==> flow/design.v <==
module add_unit_v2 #(
   parameter DWIDTH = 120,
   parameter GROUP = 24
) (
   input logic ck,
   input logic [DWIDTH-1:0] in_first,
   input logic [DWIDTH-1:0] in_second,
   input logic in_carry_in,
   output logic [DWIDTH-1:0] out_sum,
   output logic out_carry
);
   logic [DWIDTH-1:0] first_r;
   logic [DWIDTH-1:0] second_r;
   logic carry_in_r;
   localparam NG = DWIDTH / GROUP;
   logic [DWIDTH-1:0] r;
   logic [NG:0] chain;
   assign chain[0] = carry_in_r;
   for (genvar gi = 0; gi < NG; gi++) begin : gen
      wire [GROUP:0] s0 = first_r[gi*GROUP +: GROUP] + second_r[gi*GROUP +: GROUP];
      wire [GROUP:0] s1 = first_r[gi*GROUP +: GROUP] + second_r[gi*GROUP +: GROUP] + 1'b1;
      assign {chain[gi+1], r[gi*GROUP +: GROUP]} = chain[gi] ? s1 : s0;
   end
   always_ff @(posedge ck) begin
      first_r <= in_first;
      second_r <= in_second;
      carry_in_r <= in_carry_in;
      out_sum <= r;
      out_carry <= chain[NG];
   end
endmodule
Reports on add_unit_v2
The steps from the RTL of add_unit_v2 to its reports follow in flow order. Lines are those of the file above, counted from 1. A cell with -- has no value.

Top module: add_unit_v2. Clock port: ck. Standard-cell library: sky130hd. Library corner: tt_025C_1v80.

After elaboration
Yosys after proc, flatten, opt, wreduce and memory -nomap, before mapping. Enables and synchronous resets that opt folds into registers are not counted as muxes. Memory bits, and registers merged into a memory's read port (data or address), are not among the register bits. Print and check cells are not counted. Equal cells are merged and count once.

The figure for add/sub/neg operators is 10. The entry for mux-type cells reads 5.

Operators with widths (count): adder 24 x 24 -> 25 bit (5); adder 25 x 1 -> 25 bit with constant B (5); 2-to-1 mux 25 bit (5).

Bits in registers: 362. The figure for input port bits is 242.

Depth
Yosys ltp: most cells in a row. Word level: on the elaborated netlist, between registers, memories and ports. Mapped: between sequential cells and ports; inverters and the memories' decode and read muxes count.

For word-level depth the number is 7. The entry for ABC_AREA reads 0. Mapped depth: 17. The entry for depth with buffers taken out reads 16.

Netlist
Yosys stat after the flow's synthesis: flattened, memories mapped to cells. It holds for the ABC_AREA given above (unset counts as 0); a run with the other value may have another netlist. The area totals of this step are shown rounded.

The entry for cell count reads 1718. Under chip area (Yosys) stands 0.01669 mm^2. For area of sequential cells the number is 0.007247 mm^2. For mapped flip-flops the number is 362. The entry for buffer cells reads 33.

Cells by type (count): sky130_fd_sc_hd__dfxtp_1 (362); sky130_fd_sc_hd__ha_1 (125); sky130_fd_sc_hd__xnor2_1 (130); sky130_fd_sc_hd__xor2_1 (66); sky130_fd_sc_hd__a21oi_1 (111); sky130_fd_sc_hd__nor2_1 (135); sky130_fd_sc_hd__nand2_1 (112); sky130_fd_sc_hd__a21o_1 (47); sky130_fd_sc_hd__nand3_1 (57); sky130_fd_sc_hd__mux2i_1 (27); sky130_fd_sc_hd__o21ai_0 (52); sky130_fd_sc_hd__inv_1 (58); sky130_fd_sc_hd__nor3_1 (39); sky130_fd_sc_hd__nand2b_1 (22); sky130_fd_sc_hd__nand4_1 (22); sky130_fd_sc_hd__nor4_1 (18); sky130_fd_sc_hd__o21bai_1 (14); sky130_fd_sc_hd__and2_1 (16).

Other cell types: 76; their cells: 305.

Path before layout
Path of least setup slack by OpenSTA after synthesis, without wires, with an ideal clock, recovery checks aside; 20% of the period is set as input and as output delay. Where synthesis merged equal registers, the netlist keeps one of their names.

Path kind: register -> register. Start point: register first_r[0]. End point: register out_sum[118]. Period: 5610 ps. For library setup time the number is 162 ps. The entry for time at the first pin reads 0 ps. The entry for arrival time reads 4322 ps. The figure for path slack is 1125 ps. Path delay: 4484 ps. For stages the number is 18. The entry for buffers on the path reads 1. For synthesis period reached the number is 4485 ps.

"path delay" is the arrival time less input delay plus setup time. "stages": output pins that drive a net of the path, with the launching flip-flop's if there is one; two outputs of one cell count as two. "synthesis period reached" is the clock period less the worst setup slack; recovery checks do not enter. This is arithmetic on one report: input and output delays are still those of the set period (20% each). The rows between start and end are the longest chain of elaborated cells between them; the timing report does not say that the signal goes this way. Where chains are equally long, one stands for them. A line is the first line of the expression or statement that the cell stems from. Yosys adds cells for indexed reads and writes and turns some case tables into memories.

Cell sequence: sky130_fd_sc_hd__dfxtp_1 > sky130_fd_sc_hd__ha_1 > sky130_fd_sc_hd__inv_1 > sky130_fd_sc_hd__fa_1 > sky130_fd_sc_hd__nor2b_1 > sky130_fd_sc_hd__o211ai_2 > sky130_fd_sc_hd__a32oi_1 > sky130_fd_sc_hd__o2111ai_1 > sky130_fd_sc_hd__a221oi_2 > sky130_fd_sc_hd__nand4_1 > sky130_fd_sc_hd__or3b_1 > sky130_fd_sc_hd__o31a_1 > sky130_fd_sc_hd__nor3_2 > sky130_fd_sc_hd__mux2_4 > sky130_fd_sc_hd__mux2i_4 > sky130_fd_sc_hd__buf_6 > sky130_fd_sc_hd__mux2i_1 > sky130_fd_sc_hd__xor2_1. Under cells in the longest elaborated chain stands 7. The entry for elaborated cells between the ends (all ways) reads 7.

Ends and longest elaborated chain, post-synthesis: from (decl) (RTL line 12) `logic [DWIDTH-1:0] first_r;`; from (assign) (RTL line 25) `first_r <= in_first;`; adder 24 x 24 -> 25 bit (RTL line 21) `wire [GROUP:0] s1 = first_r[gi*GROUP +: GROUP] + second_r[gi*GROUP +: GROUP] + 1'b1;`; adder 25 x 1 -> 25 bit (RTL line 21); 2-to-1 mux 25 bit x5 (RTL line 22) `assign {chain[gi+1], r[gi*GROUP +: GROUP]} = chain[gi] ? s1 : s0;`; to (assign) (RTL line 28) `out_sum <= r;`; to (decl) (RTL line 9) `output logic [DWIDTH-1:0] out_sum,`.

Worst path after layout
From the final timing report of flow run 1: the path of least setup slack in the routed layout; clock arrival at registers is part of the times. The report prints the path's times to 10 ps; the period is as set.

Path kind: register -> register. Start point: register first_r[0]. End point: register out_sum[118]. Period: 5610 ps. For library setup time the number is 80 ps. The entry for time at the first pin reads 560 ps. The entry for arrival time reads 5670 ps. The figure for path slack is 430 ps. For stages the number is 18. The entry for buffers on the path reads 1.

The rows between start and end are the longest chain of elaborated cells between them; the timing report does not say that the signal goes this way. Where chains are equally long, one stands for them.

Cell sequence: sky130_fd_sc_hd__dfxtp_1 > sky130_fd_sc_hd__ha_1 > sky130_fd_sc_hd__inv_1 > sky130_fd_sc_hd__fa_1 > sky130_fd_sc_hd__nor2b_1 > sky130_fd_sc_hd__o211ai_2 > sky130_fd_sc_hd__a32oi_2 > sky130_fd_sc_hd__o2111ai_1 > sky130_fd_sc_hd__a221oi_2 > sky130_fd_sc_hd__nand4_1 > sky130_fd_sc_hd__or3b_1 > sky130_fd_sc_hd__o31a_1 > sky130_fd_sc_hd__nor3_2 > sky130_fd_sc_hd__mux2_4 > sky130_fd_sc_hd__mux2i_4 > sky130_fd_sc_hd__buf_12 > sky130_fd_sc_hd__mux2i_1 > sky130_fd_sc_hd__xor2_1. Under cells in the longest elaborated chain stands 7. The entry for elaborated cells between the ends (all ways) reads 7.

Ends and longest elaborated chain, after layout: from (decl) (RTL line 12) `logic [DWIDTH-1:0] first_r;`; from (assign) (RTL line 25) `first_r <= in_first;`; adder 24 x 24 -> 25 bit (RTL line 21) `wire [GROUP:0] s1 = first_r[gi*GROUP +: GROUP] + second_r[gi*GROUP +: GROUP] + 1'b1;`; adder 25 x 1 -> 25 bit (RTL line 21); 2-to-1 mux 25 bit x5 (RTL line 22) `assign {chain[gi+1], r[gi*GROUP +: GROUP]} = chain[gi] ? s1 : s0;`; to (assign) (RTL line 28) `out_sum <= r;`; to (decl) (RTL line 9) `output logic [DWIDTH-1:0] out_sum,`.

## Implementation results

Below are 2 stored runs of the flow (Yosys, OpenROAD; platform sky130hd) on add_unit_v2, each with its settings and what was measured, unordered. Constraints: input delay and output delay 20% of the set period each, output load 0.01 pF. "achieved period" means the clock period less the worst setup slack. The figure is calculated, with input and output delays left at 20% of the set period. "allowed time less slack (worst setup path)": the worst setup path's part of the clock period (all of it between registers, 20% less for each end at a port) less its slack. A launch clock that arrives late makes it longer, a capture clock that arrives late makes it shorter. By "power consumption" is meant OpenSTA's value without simulated activity: inputs other than the clock are taken to toggle once in ten clock periods, and the tool carries that through the logic. "allowed time less slack (worst setup path)" is given in steps of 10 ps. Results are given in rounded form.

Files of flow run 1:
==> flow/run.sh <==
#!/bin/bash
# the make line also repeats the synthesis and layout settings of config.mk as NAME=value (left out here)
make -C /OpenROAD-flow-scripts/flow DESIGN_CONFIG=/design/flow/config.mk WORK_HOME=/design/flow/orfs CLKGATE_MAP_FILE= finish
==> flow/config.mk <==
export PLATFORM = sky130hd
export DESIGN_NAME = add_unit_v2
export DESIGN_NICKNAME = add_unit_v2
export VERILOG_FILES = /design/flow/design.v
export SDC_FILE = /design/flow/constraint.sdc
export NUM_CORES = 4
export LEC_CHECK = 0
export CAP_MARGIN = 20
export CORE_MARGIN = 2
export CORE_UTILIZATION = 40
export SLEW_MARGIN = 20
==> flow/constraint.sdc <==
create_clock -name core_clock -period 5.61 [get_ports {ck}]
set_input_delay 1.1220 -clock core_clock [delete_from_list [all_inputs] [get_ports {ck}]]
set_output_delay 1.1220 -clock core_clock [all_outputs]
set_load 0.01 [all_outputs]

Results of flow run 1. The measured cell area after synthesis is 0.01669 mm^2. The summed negative setup slack is 0 ps. The standard-cell area after layout comes to 0.02233 mm^2. The measured die area is 0.04338 mm^2. The measured worst-case hold slack is 562 ps. The measured lowest setup slack is 425 ps. The measured post-layout utilization is 54.5%. The allowed time less slack (worst setup path) is 5180 ps. Type of the worst setup path: register -> register. The achieved period reads 5185 ps. The power consumption reads 7645 µW.

Files of flow run 2:
==> flow/run.sh <==
#!/bin/bash
# the make line also repeats the synthesis and layout settings of config.mk as NAME=value (left out here)
make -C /OpenROAD-flow-scripts/flow DESIGN_CONFIG=/design/flow/config.mk WORK_HOME=/design/flow/orfs CLKGATE_MAP_FILE= finish
==> flow/config.mk <==
export PLATFORM = sky130hd
export DESIGN_NAME = add_unit_v2
export DESIGN_NICKNAME = add_unit_v2
export VERILOG_FILES = /design/flow/design.v
export SDC_FILE = /design/flow/constraint.sdc
export NUM_CORES = 4
export LEC_CHECK = 0
export ABC_AREA = 1
export CAP_MARGIN = 5
export CELL_PAD_IN_SITES_DETAIL_PLACEMENT = 0
export CORE_MARGIN = 7
export CORE_UTILIZATION = 22
export CTS_CLUSTER_DIAMETER = 173
export GPL_ROUTABILITY_DRIVEN = 1
export MAX_ROUTING_LAYER = met4
export MIN_ROUTING_LAYER = met1
export PLACE_DENSITY_LB_ADDON = 0.2
export SLEW_MARGIN = 20
export TNS_END_PERCENT = 100
==> flow/constraint.sdc <==
create_clock -name core_clock -period 4.4 [get_ports {ck}]
set_input_delay 0.8800 -clock core_clock [delete_from_list [all_inputs] [get_ports {ck}]]
set_output_delay 0.8800 -clock core_clock [all_outputs]
set_load 0.01 [all_outputs]

Results of flow run 2. The measured cell area after synthesis is 0.01897 mm^2. The summed negative setup slack is 0 ps. The standard-cell area after layout comes to 0.02561 mm^2. The measured die area is 0.09464 mm^2. The measured worst-case hold slack is 577 ps. The measured lowest setup slack is 535 ps. The measured post-layout utilization is 30.0%. The allowed time less slack (worst setup path) is 3860 ps. Type of the worst setup path: register -> register. The achieved period reads 3865 ps. The power consumption reads 10950 µW.
